==> flow/design.v <==
module la4 (
    input wire [3:0] a,
    input wire [3:0] b,
    input wire ci,
    output wire [3:0] s,
    output wire co
);
    wire [3:0] g = a & b;
    wire [3:0] p = a ^ b;
    wire c1 = g[0] | (p[0] & ci);
    wire c2 = g[1] | (p[1] & g[0]) | (p[1] & p[0] & ci);
    wire c3 = g[2] | (p[2] & g[1]) | (p[2] & p[1] & g[0]) | (p[2] & p[1] & p[0] & ci);
    assign co = g[3] | (p[3] & g[2]) | (p[3] & p[2] & g[1]) | (p[3] & p[2] & p[1] & g[0]) | (&p & ci);
    assign s = p ^ {c3, c2, c1, ci};
endmodule
module gen_add_blk #(
    parameter integer W = 128
) (
    input wire ck,
    input wire [W-1:0] dataa_in,
    input wire [W-1:0] datab_in,
    input wire cy_in_in,
    output reg [W-1:0] o_out,
    output reg carry_out_out
);
    reg [W-1:0] dataa_r;
    reg [W-1:0] datab_r;
    reg cy_in_r;
    always @(posedge ck) begin
        dataa_r <= dataa_in;
        datab_r <= datab_in;
        cy_in_r <= cy_in_in;
    end
    localparam SLICES = W / 4;
    wire [W-1:0] tmp;
    wire [SLICES:0] cy;
    assign cy[0] = cy_in_r;
    genvar i;
    generate
        for (i = 0; i < SLICES; i = i + 1) begin : row
            la4 inst (.a(dataa_r[4*i +: 4]), .b(datab_r[4*i +: 4]), .ci(cy[i]), .s(tmp[4*i +: 4]), .co(cy[i+1]));
        end
    endgenerate
    always @(posedge ck) begin
        o_out <= tmp;
        carry_out_out <= cy[SLICES];
    end
endmodule
Tool chain data of gen_add_blk
What the tools print for gen_add_blk, step after step.
Line numbers count from 1 in the design file above.
Operators: Yosys type, input widths -> output width; for muxes data width and select width s.
{"block": "inputs", "design": "gen_add_blk", "clock": "ck", "lib": "sky130hd", "corner": "tt_025C_1v80"}

Elaborated design
Counts by Yosys on the flattened word-level netlist (proc, flatten, opt, wreduce; memories kept). Register bits leave out memories and registers merged into their read ports (data or address); mux counts leave out enables and synchronous resets folded into registers. Print and check cells are left out. Cells with the same type and inputs are merged into one.
{"block": "op_classes", "n_logic": 896, "reduce_logical": 32}
{"block": "op_table", "cell": "$and 1x1->1", "n": 480}
{"block": "op_table", "cell": "$or 1x1->1", "n": 320}
{"block": "op_table", "cell": "$xor 4x4->4", "n": 64}
{"block": "op_table", "cell": "$and 4x4->4", "n": 32}
{"block": "op_table", "cell": "$reduce_and 4->1", "n": 32}
{"block": "word_totals", "input_bits": 258, "wordCells": 933, "ff_bits": 386}

Logic depth
Depth = most cells in a row (Yosys ltp): at word level without a register or memory, in the mapped netlist without a sequential cell, where the memories' decode and read muxes count.
{"block": "depth", "depth_word": 69, "abc_area": 1, "ltp_mapped": 69, "ltp_nobuf": 69}

After synthesis
Yosys stat after the flow's synthesis: flattened, memories mapped to cells. It holds for the ABC_AREA given above (unset counts as 0); a run with the other value may have another netlist.
Totals and module areas in this step are rounded.
{"block": "types", "cell_type": "sky130_fd_sc_hd__dfxtp_1", "n": 386}
{"block": "types", "cell_type": "sky130_fd_sc_hd__ha_1", "n": 128}
{"block": "types", "cell_type": "sky130_fd_sc_hd__fa_1", "n": 32}
{"block": "types", "cell_type": "sky130_fd_sc_hd__xor2_1", "n": 62}
{"block": "types", "cell_type": "sky130_fd_sc_hd__nand2_4", "n": 42}
{"block": "types", "cell_type": "sky130_fd_sc_hd__a21oi_1", "n": 89}
{"block": "types", "cell_type": "sky130_fd_sc_hd__nand2_1", "n": 97}
{"block": "types", "cell_type": "sky130_fd_sc_hd__xnor2_1", "n": 31}
{"block": "types", "cell_type": "sky130_fd_sc_hd__nand3_1", "n": 40}
{"block": "types", "cell_type": "sky130_fd_sc_hd__o21bai_1", "n": 24}
{"block": "types", "cell_type": "sky130_fd_sc_hd__inv_1", "n": 45}
{"block": "types", "cell_type": "sky130_fd_sc_hd__nor2_1", "n": 41}
{"block": "types", "cell_type": "sky130_fd_sc_hd__nand2_2", "n": 22}
{"block": "types", "cell_type": "sky130_fd_sc_hd__a21oi_2", "n": 2}
{"block": "types", "cell_type": "sky130_fd_sc_hd__a211oi_2", "n": 1}
{"block": "types", "cell_type": "sky130_fd_sc_hd__nand3_2", "n": 1}
{"block": "types", "cell_type": "sky130_fd_sc_hd__a211oi_1", "n": 1}
{"block": "types", "cell_type": "sky130_fd_sc_hd__and2_1", "n": 1}
Not listed: further types 3, cells in them 3.
{"block": "mapped", "seqArea_um2": 7730, "yosys_area_um2": 13000, "ff_cells": 386, "mapped_cells": 1048}

Worst setup path after synthesis
Path of least setup slack by OpenSTA after synthesis, without wires, with an ideal clock, recovery checks aside; 20% of the period is set as input and as output delay. Where synthesis merged equal registers, the netlist keeps one of their names.
{"block": "synth_timing", "path_kind": "register to register", "startpoint": "register dataa_r[9]", "endpoint": "register o_out[125]", "clock_period_ns": 4.38, "required_ns": 4.260, "arrival_time_ns": 5.102, "delay_ns": 5.222, "path_stages": 64, "setup_slack_ns": -0.842, "period_less_setup_slack_ns": 5.222}
"delay_ns" is the arrival time less input delay plus setup time.
"path_stages" counts driving pins, that of a launching flip-flop among them; a cell with two outputs on the path counts twice.
"period_less_setup_slack_ns" is the clock period less the worst setup slack; recovery checks do not enter. This is arithmetic on one report: input and output delays are still those of the set period (20% each).
Between the ends stands the longest chain of elaborated cells between them, by number of cells; it is not shown to be the way that was timed. Of several equally long chains one is given.
Each line given opens the expression or statement behind the cell; cells for indexed reads and writes are added by Yosys, which also makes memories of some case tables.
{"block": "synth_between", "path_cell_list": "sky130_fd_sc_hd__dfxtp_1 sky130_fd_sc_hd__ha_1 sky130_fd_sc_hd__a21oi_2 sky130_fd_sc_hd__nor2_1 sky130_fd_sc_hd__a211oi_2 sky130_fd_sc_hd__nand2_4 sky130_fd_sc_hd__nand2_4 sky130_fd_sc_hd__nand2_4 sky130_fd_sc_hd__nand2_4 sky130_fd_sc_hd__nand2_4 sky130_fd_sc_hd__nand2_2 sky130_fd_sc_hd__nand2_4 sky130_fd_sc_hd__nand2_4 sky130_fd_sc_hd__nand2_4 sky130_fd_sc_hd__nand2_2 sky130_fd_sc_hd__nand2_4 sky130_fd_sc_hd__nand2_4 sky130_fd_sc_hd__nand2_4 (+28 left out) sky130_fd_sc_hd__nand2_4 sky130_fd_sc_hd__nand2_4 sky130_fd_sc_hd__nand2_2 sky130_fd_sc_hd__nand2_4 sky130_fd_sc_hd__nand2_2 sky130_fd_sc_hd__nand2_2 sky130_fd_sc_hd__nand2_2 sky130_fd_sc_hd__nand2_4 sky130_fd_sc_hd__nand2_4 sky130_fd_sc_hd__nand2_4 sky130_fd_sc_hd__nand2_2 sky130_fd_sc_hd__nand2_4 sky130_fd_sc_hd__nand2_4 sky130_fd_sc_hd__nand2_4 sky130_fd_sc_hd__nand2_2 sky130_fd_sc_hd__nand2_4 sky130_fd_sc_hd__fa_1 sky130_fd_sc_hd__xor2_1", "elab_chain_cells": 64, "cells_between": 69}
{"block": "synth_rtl", "element": "start, declared", "line": 26, "rtl": "reg [W-1:0] dataa_r;"}
{"block": "synth_rtl", "element": "start, assigned", "line": 30, "rtl": "dataa_r <= dataa_in;"}
{"block": "synth_rtl", "element": "$and 4x4->4", "line": 8, "rtl": "wire [3:0] g = a & b;"}
{"block": "synth_rtl", "element": "$and 1x1->1", "line": 13, "rtl": "assign co = g[3] | (p[3] & g[2]) | (p[3] & p[2] & g[1]) | (p[3] & p[2] & p[1] & g[0]) | (&p & ci);"}
{"block": "synth_rtl", "element": "$or 1x1->1 x3", "line": 13}
{"block": "synth_rtl", "element": "$and 1x1->1", "line": 13}
{"block": "synth_rtl", "element": "$or 1x1->1", "line": 13}
{"block": "synth_rtl", "element": "$and 1x1->1", "line": 13}
{"block": "synth_rtl", "element": "$or 1x1->1", "line": 13}
{"block": "synth_rtl", "element": "(+48 left out)"}
{"block": "synth_rtl", "element": "$and 1x1->1", "line": 13}
{"block": "synth_rtl", "element": "$or 1x1->1", "line": 13}
{"block": "synth_rtl", "element": "$and 1x1->1", "line": 13}
{"block": "synth_rtl", "element": "$or 1x1->1", "line": 13}
{"block": "synth_rtl", "element": "$and 1x1->1", "line": 10, "rtl": "wire c1 = g[0] | (p[0] & ci);"}
{"block": "synth_rtl", "element": "$or 1x1->1", "line": 10}
{"block": "synth_rtl", "element": "$xor 4x4->4", "line": 14, "rtl": "assign s = p ^ {c3, c2, c1, ci};"}
{"block": "synth_rtl", "element": "end, assigned", "line": 45, "rtl": "o_out <= tmp;"}
{"block": "synth_rtl", "element": "end, declared", "line": 23, "rtl": "output reg [W-1:0] o_out,"}

Path in the finished layout
Path of least setup slack in the final report of record 1 (OpenROAD, finished layout, wires in). Where an end is a register, its clock arrival counts in the times.
{"block": "layout_timing", "path_kind": "register to register", "startpoint": "register dataa_r[4]", "endpoint": "register o_out[124]", "path_stages": 65, "arrival_time_ns": 5.87, "required_ns": 2.55, "clock_period_ns": 2.16, "setup_slack_ns": -3.32}
Between the ends stands the longest chain of elaborated cells between them, by number of cells; it is not shown to be the way that was timed. Of several equally long chains one is given.
{"block": "layout_between", "path_cell_list": "sky130_fd_sc_hd__dfxtp_1 sky130_fd_sc_hd__ha_1 sky130_fd_sc_hd__nand2_1 sky130_fd_sc_hd__nor2_2 sky130_fd_sc_hd__nand2_2 sky130_fd_sc_hd__nand2_4 sky130_fd_sc_hd__nand2_4 sky130_fd_sc_hd__nand2_4 sky130_fd_sc_hd__nand2_4 sky130_fd_sc_hd__nand2_4 sky130_fd_sc_hd__nand2_4 sky130_fd_sc_hd__nand2_4 sky130_fd_sc_hd__nand2_4 sky130_fd_sc_hd__nand2_4 sky130_fd_sc_hd__nand2_4 sky130_fd_sc_hd__nand2_4 sky130_fd_sc_hd__nand2_4 sky130_fd_sc_hd__nand2_4 (+29 left out) sky130_fd_sc_hd__nand2_4 sky130_fd_sc_hd__nand2_4 sky130_fd_sc_hd__nand2_4 sky130_fd_sc_hd__nand2_4 sky130_fd_sc_hd__nand2_4 sky130_fd_sc_hd__nand2_4 sky130_fd_sc_hd__nand2_4 sky130_fd_sc_hd__nand2_4 sky130_fd_sc_hd__nand2_4 sky130_fd_sc_hd__nand2_4 sky130_fd_sc_hd__nand2_4 sky130_fd_sc_hd__nand2_4 sky130_fd_sc_hd__nand2_4 sky130_fd_sc_hd__nand2_4 sky130_fd_sc_hd__nand2_4 sky130_fd_sc_hd__nand2_4 sky130_fd_sc_hd__nand2_4 sky130_fd_sc_hd__fa_2", "elab_chain_cells": 63, "cells_between": 66}
{"block": "layout_rtl", "element": "start, declared", "line": 26, "rtl": "reg [W-1:0] dataa_r;"}
{"block": "layout_rtl", "element": "start, assigned", "line": 30, "rtl": "dataa_r <= dataa_in;"}
{"block": "layout_rtl", "element": "$and 4x4->4", "line": 8, "rtl": "wire [3:0] g = a & b;"}
{"block": "layout_rtl", "element": "$and 1x1->1", "line": 13, "rtl": "assign co = g[3] | (p[3] & g[2]) | (p[3] & p[2] & g[1]) | (p[3] & p[2] & p[1] & g[0]) | (&p & ci);"}
{"block": "layout_rtl", "element": "$or 1x1->1 x2", "line": 13}
{"block": "layout_rtl", "element": "$and 1x1->1", "line": 13}
{"block": "layout_rtl", "element": "$or 1x1->1", "line": 13}
{"block": "layout_rtl", "element": "$and 1x1->1", "line": 13}
{"block": "layout_rtl", "element": "$or 1x1->1", "line": 13}
{"block": "layout_rtl", "element": "(+48 left out)"}
{"block": "layout_rtl", "element": "$and 1x1->1", "line": 13}
{"block": "layout_rtl", "element": "$or 1x1->1", "line": 13}
{"block": "layout_rtl", "element": "$and 1x1->1", "line": 13}
{"block": "layout_rtl", "element": "$or 1x1->1", "line": 13}
{"block": "layout_rtl", "element": "$and 1x1->1", "line": 13}
{"block": "layout_rtl", "element": "$or 1x1->1", "line": 13}
{"block": "layout_rtl", "element": "$xor 4x4->4", "line": 14, "rtl": "assign s = p ^ {c3, c2, c1, ci};"}
{"block": "layout_rtl", "element": "end, assigned", "line": 45, "rtl": "o_out <= tmp;"}
{"block": "layout_rtl", "element": "end, declared", "line": 23, "rtl": "output reg [W-1:0] o_out,"}

FLOW RESULTS
============

Stored flow runs of gen_add_blk (3 of them; Yosys, OpenROAD, sky130hd). They differ in their settings and are not a sequence. Constraints: input delay and output delay 20% of the set period each, output load 0.01 pF.
"clock_period_reached_ns" is the run's clock period less its worst setup slack. It is reckoned from that one timing run; input and output delays stay at 20% of the period that was set.
"worst_path_time_ns" = time allowed to the worst setup path (clock period - input delay - output delay, where it has them) - its slack; a late launch clock adds to it, a late capture clock takes from it.
"total_power_uw" rests on the timing tool's default activity at the inputs, not on a simulated workload.
Measured values are rounded.

{"run": "record 1", "settings": { "period_ns": 2.16, "CORE_UTILIZATION": 62, "SETUP_SLACK_MARGIN": 0.33, "PLACE_DENSITY": 0.55, "HOLD_SLACK_MARGIN": -0.08, "CORE_ASPECT_RATIO": 0.78, "CORE_MARGIN": 4, "CELL_PAD_IN_SITES_DETAIL_PLACEMENT": 0, "TNS_END_PERCENT": 10, "ABC_AREA": 1, "GPL_TIMING_DRIVEN": 0, "CTS_CLUSTER_DIAMETER": 258, "MIN_ROUTING_LAYER": "met1", "CAP_MARGIN": 20, "SLEW_MARGIN": 20 }, "results": { "final_stdcell_area_um2": 19100, "final_setup_tns_ns": -196, "clock_period_reached_ns": 5.480, "total_power_uw": 18200, "fin_hold_ws_ns": 0.352, "fin_ws_ns": -3.32, "die_area_um2": 23300, "worst_path_time_ns": 5.48, "path_kind": "register to register", "synthesis_area_um2": 13000, "finish.utilization_pct": 93.3 }}
{"run": "record 2", "settings": { "period_ns": 4.38, "CAP_MARGIN": 20, "CORE_MARGIN": 2, "CORE_UTILIZATION": 40, "SLEW_MARGIN": 20 }, "results": { "final_stdcell_area_um2": 19400, "final_setup_tns_ns": 0.000, "clock_period_reached_ns": 3.730, "total_power_uw": 9360, "fin_hold_ws_ns": 0.540, "fin_ws_ns": 0.650, "die_area_um2": 35400, "worst_path_time_ns": 3.73, "path_kind": "register to register", "synthesis_area_um2": 13500, "finish.utilization_pct": 58.0 }}
{"run": "record 3", "settings": { "period_ns": 2.75, "CORE_UTILIZATION": 16, "SETUP_SLACK_MARGIN": 0.21, "PLACE_DENSITY": 0.83, "CORE_ASPECT_RATIO": 0.72, "ABC_AREA": 1, "CAP_MARGIN": 25, "MIN_ROUTING_LAYER": "met2", "MAX_ROUTING_LAYER": "met5", "CORE_MARGIN": 2, "SLEW_MARGIN": 20 }, "results": { "final_stdcell_area_um2": 22700, "final_setup_tns_ns": -145, "clock_period_reached_ns": 5.265, "total_power_uw": 16300, "fin_hold_ws_ns": 0.410, "fin_ws_ns": -2.52, "die_area_um2": 83400, "worst_path_time_ns": 5.27, "path_kind": "register to register", "synthesis_area_um2": 13000, "finish.utilization_pct": 28.3 }}
